==> flow/design.v <==
module core_chooser_rtl #(
    parameter WD = 1,
    parameter WAYS = 8,
    parameter SEL_WIDTH = $clog2(WAYS)
) (
    input wire ck,
    input wire RST,
    input wire [WAYS*WD-1:0] in_ch,
    input wire [SEL_WIDTH-1:0] in_sel,
    output wire [WD-1:0] out_q
);
    reg [WAYS*WD-1:0] ch_r;
    reg [SEL_WIDTH-1:0] sel_r;
    always @(posedge ck or posedge RST) begin
        if (RST) begin
            ch_r <= 0;
            sel_r <= 0;
        end else begin
            ch_r <= in_ch;
            sel_r <= in_sel;
        end
    end
    wire [WAYS-1:0] onehot = {{(WAYS-1){1'b0}}, 1'b1} << sel_r;
    reg [WAYS-1:0] onehot_r;
    reg [WAYS*WD-1:0] ch_r_d;
    always @(posedge ck or posedge RST) begin
        if (RST) begin
            onehot_r <= 0;
            ch_r_d <= 0;
        end else begin
            onehot_r <= onehot;
            ch_r_d <= ch_r;
        end
    end
    reg [WD-1:0] r;
    integer i;
    always @(*) begin
        r = 0;
        for (i = 0; i < WAYS; i = i + 1)
            r = r | (ch_r_d[i*WD +: WD] & {WD{onehot_r[i]}});
    end
    reg [WD-1:0] q_r;
    always @(posedge ck or posedge RST) begin
        if (RST) begin
            q_r <= 0;
        end else begin
            q_r <= r;
        end
    end
    assign out_q = q_r;
endmodule
Lab notebook: core_chooser_rtl

=== Step by step through the tools: core_chooser_rtl ===
Module core_chooser_rtl in several versions that differ in "WAYS"; each step lists the members.
The file above is the member WAYS = 8. Line numbers count from 1 in each member's own file.
Operators: Yosys type, input widths -> output width; for muxes data width and select width s.
A cell with - has no value.

* Top: core_chooser_rtl
* Clock: ck
* Library: sky130hd
* Corner: tt_025C_1v80

=== Source of the members ===
New or changed lines of each further member against the RTL above, in its own file; lines it lacks are not shown.

{| class="wikitable"
|+ Lines new or changed
! WAYS !! line !! source
|-
| 10 || 3 || <nowiki>parameter WAYS = 10,</nowiki>
|-
| 16 || 3 || <nowiki>parameter WAYS = 16,</nowiki>
|-
| 20 || 3 || <nowiki>parameter WAYS = 20,</nowiki>
|-
| 32 || 3 || <nowiki>parameter WAYS = 32,</nowiki>
|}

=== After elaboration ===
Source: Yosys, flattened and elaborated, memories not mapped. Widths are those after wreduce; folded enables and synchronous resets count as part of the registers. Registers that Yosys merges into a memory's read port (data or address) are not register bits. Print and check cells do not count. Equal cells are merged and count once.

{| class="wikitable"
|+ Bit counts
! WAYS !! input bits !! register bits after elaboration !! word-level cells
|-
| 8 || 13 || 28 || 21
|-
| 10 || 16 || 35 || 25
|-
| 16 || 22 || 53 || 37
|-
| 20 || 27 || 66 || 45
|-
| 32 || 39 || 102 || 69
|}

{| class="wikitable"
|+ Operators by class
! WAYS !! shifts and indexed selects !! bitwise gates (word level)
|-
| 8 || 1 || 15
|-
| 10 || 1 || 19
|-
| 16 || 1 || 31
|-
| 20 || 1 || 39
|-
| 32 || 1 || 63
|}

{| class="wikitable"
|+ Operator list
! WAYS !! kinds with counts
|-
| 8 || $and 1x1->1 (8); $shl 1x3->8 const A (1); $or 1x1->1 (7)
|-
| 10 || $and 1x1->1 (10); $shl 1x4->10 const A (1); $or 1x1->1 (9)
|-
| 16 || $and 1x1->1 (16); $shl 1x4->16 const A (1); $or 1x1->1 (15)
|-
| 20 || $and 1x1->1 (20); $shl 1x5->20 const A (1); $or 1x1->1 (19)
|-
| 32 || $and 1x1->1 (32); $shl 1x5->32 const A (1); $or 1x1->1 (31)
|}

=== Depth ===
Yosys ltp: most cells in a row. Word level: on the elaborated netlist, between registers, memories and ports. Mapped: between sequential cells and ports; inverters and the memories' decode and read muxes count.

{| class="wikitable"
|+ Logic depth
! WAYS !! word-level depth !! ABC_AREA !! mapped depth !! depth with buffers taken out
|-
| 8 || 8 || 0 || 2 || 2
|-
| 10 || 10 || 0 || 3 || 3
|-
| 16 || 16 || 0 || 3 || 3
|-
| 20 || 20 || 0 || 4 || 4
|-
| 32 || 32 || 0 || 3 || 3
|}

=== Synthesis result ===
Source: synth_stat.txt of the flow (Yosys; design flattened, memories mapped). It holds for the ABC_AREA given above (unset counts as 0); a run with the other value may have another netlist.
The area totals of this step are shown rounded.

{| class="wikitable"
|+ Cell types
! WAYS !! types with counts
|-
| 8 || sky130_fd_sc_hd__dfrtp_1 (28); sky130_fd_sc_hd__a22oi_1 (4); sky130_fd_sc_hd__nor3b_1 (3); sky130_fd_sc_hd__and3b_2 (2); sky130_fd_sc_hd__and3_2 (1); sky130_fd_sc_hd__nand4_1 (1); sky130_fd_sc_hd__nor3_1 (1); sky130_fd_sc_hd__inv_1 (1); sky130_fd_sc_hd__nand2_1 (1); sky130_fd_sc_hd__nor2_1 (1)
|-
| 10 || sky130_fd_sc_hd__dfrtp_1 (35); sky130_fd_sc_hd__nand2b_1 (4); sky130_fd_sc_hd__nor3_1 (5); sky130_fd_sc_hd__a22oi_1 (3); sky130_fd_sc_hd__a221oi_2 (1); sky130_fd_sc_hd__nor2_1 (4); sky130_fd_sc_hd__a22o_1 (1); sky130_fd_sc_hd__nand4_1 (1); sky130_fd_sc_hd__nor4_1 (1); sky130_fd_sc_hd__inv_1 (1); sky130_fd_sc_hd__nand2_1 (1)
|-
| 16 || sky130_fd_sc_hd__dfrtp_1 (53); sky130_fd_sc_hd__a221oi_2 (4); sky130_fd_sc_hd__a22o_1 (4); sky130_fd_sc_hd__nor2_1 (9); sky130_fd_sc_hd__nor3_1 (6); sky130_fd_sc_hd__nand2b_1 (4); sky130_fd_sc_hd__nand2_1 (2); sky130_fd_sc_hd__nand4_1 (1); sky130_fd_sc_hd__nor4_1 (1); sky130_fd_sc_hd__inv_1 (1)
|-
| 20 || sky130_fd_sc_hd__dfrtp_1 (66); sky130_fd_sc_hd__a221oi_2 (3); sky130_fd_sc_hd__nor2_1 (11); sky130_fd_sc_hd__a22o_1 (4); sky130_fd_sc_hd__nor3_1 (6); sky130_fd_sc_hd__nand2b_1 (4); sky130_fd_sc_hd__nand2_1 (6); sky130_fd_sc_hd__and3_1 (3); sky130_fd_sc_hd__a22oi_1 (2); sky130_fd_sc_hd__buf_2 (3); sky130_fd_sc_hd__nor2b_1 (2); sky130_fd_sc_hd__nor4_1 (2); sky130_fd_sc_hd__or3_4 (1); sky130_fd_sc_hd__a221oi_1 (1); sky130_fd_sc_hd__nand4_1 (1); sky130_fd_sc_hd__inv_1 (1)
|-
| 32 || sky130_fd_sc_hd__dfrtp_1 (102); sky130_fd_sc_hd__nor2_1 (33); sky130_fd_sc_hd__a22oi_1 (15); sky130_fd_sc_hd__nand4_1 (4); sky130_fd_sc_hd__nand3b_1 (3); sky130_fd_sc_hd__a22oi_2 (1); sky130_fd_sc_hd__nand2b_1 (2); sky130_fd_sc_hd__clkbuf_1 (3); sky130_fd_sc_hd__or3b_1 (1); sky130_fd_sc_hd__or3b_2 (1); sky130_fd_sc_hd__nand2_1 (2); sky130_fd_sc_hd__or4_1 (1); sky130_fd_sc_hd__or2_2 (1); sky130_fd_sc_hd__or3_1 (1); sky130_fd_sc_hd__nand3_1 (1); sky130_fd_sc_hd__inv_1 (1)
|}

{| class="wikitable"
|+ Mapped netlist
! WAYS !! chip area (Yosys) (um^2) !! mapped cells !! mapped flip-flops
|-
| 8 || 803.3 || 43 || 28
|-
| 10 || 1007 || 57 || 35
|-
| 16 || 1534 || 85 || 53
|-
| 20 || 1954 || 116 || 66
|-
| 32 || 2927 || 172 || 102
|}

=== Timing after synthesis ===
Source: OpenSTA report_checks on the synthesized netlist (no wires, ideal clock, input and output delay 20% of the period each), path of least setup slack; recovery checks are left aside. Register names are those of the netlist, which keeps one name where synthesis merged equal registers.

{| class="wikitable"
|+ Timing after synthesis
! WAYS !! path type !! start point !! end point !! setup slack (ps) !! stages !! path delay (ps) !! period (ps) !! period reached after synthesis (ps)
|-
| 8 || register to register || register sel_r[0] || register onehot_r[5] || 183 || 2 || 734 || 917 || 734
|-
| 10 || register to register || register ch_r_d[7] || register q_r || 238 || 4 || 952 || 1190 || 952
|-
| 16 || register to register || register ch_r_d[5] || register q_r || 236 || 4 || 954 || 1190 || 954
|-
| 20 || register to register || register ch_r_d[1] || register q_r || 272 || 5 || 1087 || 1360 || 1088
|-
| 32 || register to register || register ch_r_d[0] || register q_r || 306 || 4 || 1233 || 1540 || 1234
|}

"path delay" = arrival - input delay + setup time.
"stages" counts driving pins, that of a launching flip-flop among them; a cell with two outputs on the path counts twice.
"period reached after synthesis" = period - worst setup slack (recovery checks aside). The figure is calculated, with input and output delays left at 20% of the set period.
The rows between start and end are the longest chain of elaborated cells between them; the timing report does not say that the signal goes this way. Where chains are equally long, one stands for them.
Each line given opens the expression or statement behind the cell; cells for indexed reads and writes are added by Yosys, which also makes memories of some case tables.

Between the ends, after synthesis, WAYS = 8:
* Length of the longest elaborated chain: 1

{| class="wikitable"
|+ Ends and longest elaborated chain, after synthesis, WAYS = 8
! what !! line !! source
|-
| from (decl) || 13 || <nowiki>reg [SEL_WIDTH-1:0] sel_r;</nowiki>
|-
| from (assign) || 17 || <nowiki>sel_r <= 0;</nowiki>
|-
| from (assign) || 20 || <nowiki>sel_r <= in_sel;</nowiki>
|-
| $shl 1x3->8 || 23 || <nowiki>wire [WAYS-1:0] onehot = {{(WAYS-1){1'b0}}, 1'b1} << sel_r;</nowiki>
|-
| to (assign) || 28 || <nowiki>onehot_r <= 0;</nowiki>
|-
| to (assign) || 31 || <nowiki>onehot_r <= onehot;</nowiki>
|-
| to (decl) || 24 || <nowiki>reg [WAYS-1:0] onehot_r;</nowiki>
|}

Between the ends, after synthesis, WAYS = 32:
* Length of the longest elaborated chain: 32

{| class="wikitable"
|+ Ends and longest elaborated chain, after synthesis, WAYS = 32
! what !! line !! source
|-
| from (decl) || 25 || <nowiki>reg [WAYS*WD-1:0] ch_r_d;</nowiki>
|-
| from (assign) || 29 || <nowiki>ch_r_d <= 0;</nowiki>
|-
| from (assign) || 32 || <nowiki>ch_r_d <= ch_r;</nowiki>
|-
| $and 1x1->1 || 40 || <nowiki>r = r | (ch_r_d[i*WD +: WD] & {WD{onehot_r[i]}});</nowiki>
|-
| $or 1x1->1 (31 in a row) || 40 ||
|-
| to (assign) || 45 || <nowiki>q_r <= 0;</nowiki>
|-
| to (assign) || 47 || <nowiki>q_r <= r;</nowiki>
|-
| to (decl) || 42 || <nowiki>reg [WD-1:0] q_r;</nowiki>
|}

=== Path in the finished layout ===
From the final timing report of the run of each member: the path of least setup slack in the routed layout; clock arrival at registers is part of the times.
The report prints the path's times to 10 ps; the period is as set.

{| class="wikitable"
|+ Timing post-layout
! WAYS !! path type !! start point !! end point !! setup slack (ps) !! arrival time (ps) !! path buffers !! period (ps) !! stages
|-
| 8 || register to output || register q_r || output out_q[0] || -80 || 810 || 1 || 917 || 2
|-
| 10 || register to output || register q_r || output out_q[0] || 140 || 820 || 1 || 1190 || 2
|-
| 16 || register to output || register q_r || output out_q[0] || 80 || 870 || 1 || 1190 || 2
|-
| 20 || register to output || register q_r || output out_q[0] || 120 || 970 || 1 || 1360 || 2
|-
| 32 || register to register || register ch_r_d[0] || register q_r || 140 || 1630 || 0 || 1540 || 4
|}

=== Flow runs ===
Settings and results of one run of the flow (Yosys, OpenROAD) for each member follow. The constraints put input and output delay at 20% of the set period each and load the outputs with 0.01 pF.

* CAP_MARGIN: 20
* CORE_MARGIN: 2
* CORE_UTILIZATION: 40
* SLEW_MARGIN: 20

{| class="wikitable"
|+ Settings by member
! WAYS !! period_ns
|-
| 8 || 0.917
|-
| 10 || 1.19
|-
| 16 || 1.19
|-
| 20 || 1.36
|-
| 32 || 1.54
|}

{| class="wikitable"
|+ Final reports
! WAYS !! total negative slack on setup checks (ps) !! full die area (um^2) !! total power of the final layout (mW) !! final utilization (%) !! worst setup slack after layout (ps) !! clock period reached (ps) !! standard-cell area after layout (um^2) !! netlist area reported by Yosys (um^2)
|-
| 8 || -81 || 2382 || 1.987 || 53.0 || -81 || 998 || 1018 || 803.3
|-
| 10 || 0 || 2935 || 1.905 || 51.9 || 136 || 1054 || 1261 || 1007
|-
| 16 || 0 || 4346 || 3.027 || 52.8 || 84 || 1106 || 1932 || 1534
|-
| 20 || 0 || 5461 || 3.973 || 54.2 || 121 || 1239 || 2561 || 1954
|-
| 32 || 0 || 8017 || 4.893 || 51.5 || 142 || 1398 || 3694 || 2927
|}

"clock period reached": clock period set for the run, less the worst setup slack. It is reckoned from that one timing run; input and output delays stay at 20% of the period that was set.
By "total power of the final layout" is meant OpenSTA's value without simulated activity: inputs other than the clock are taken to toggle once in ten clock periods, and the tool carries that through the logic.
Measured values are rounded.
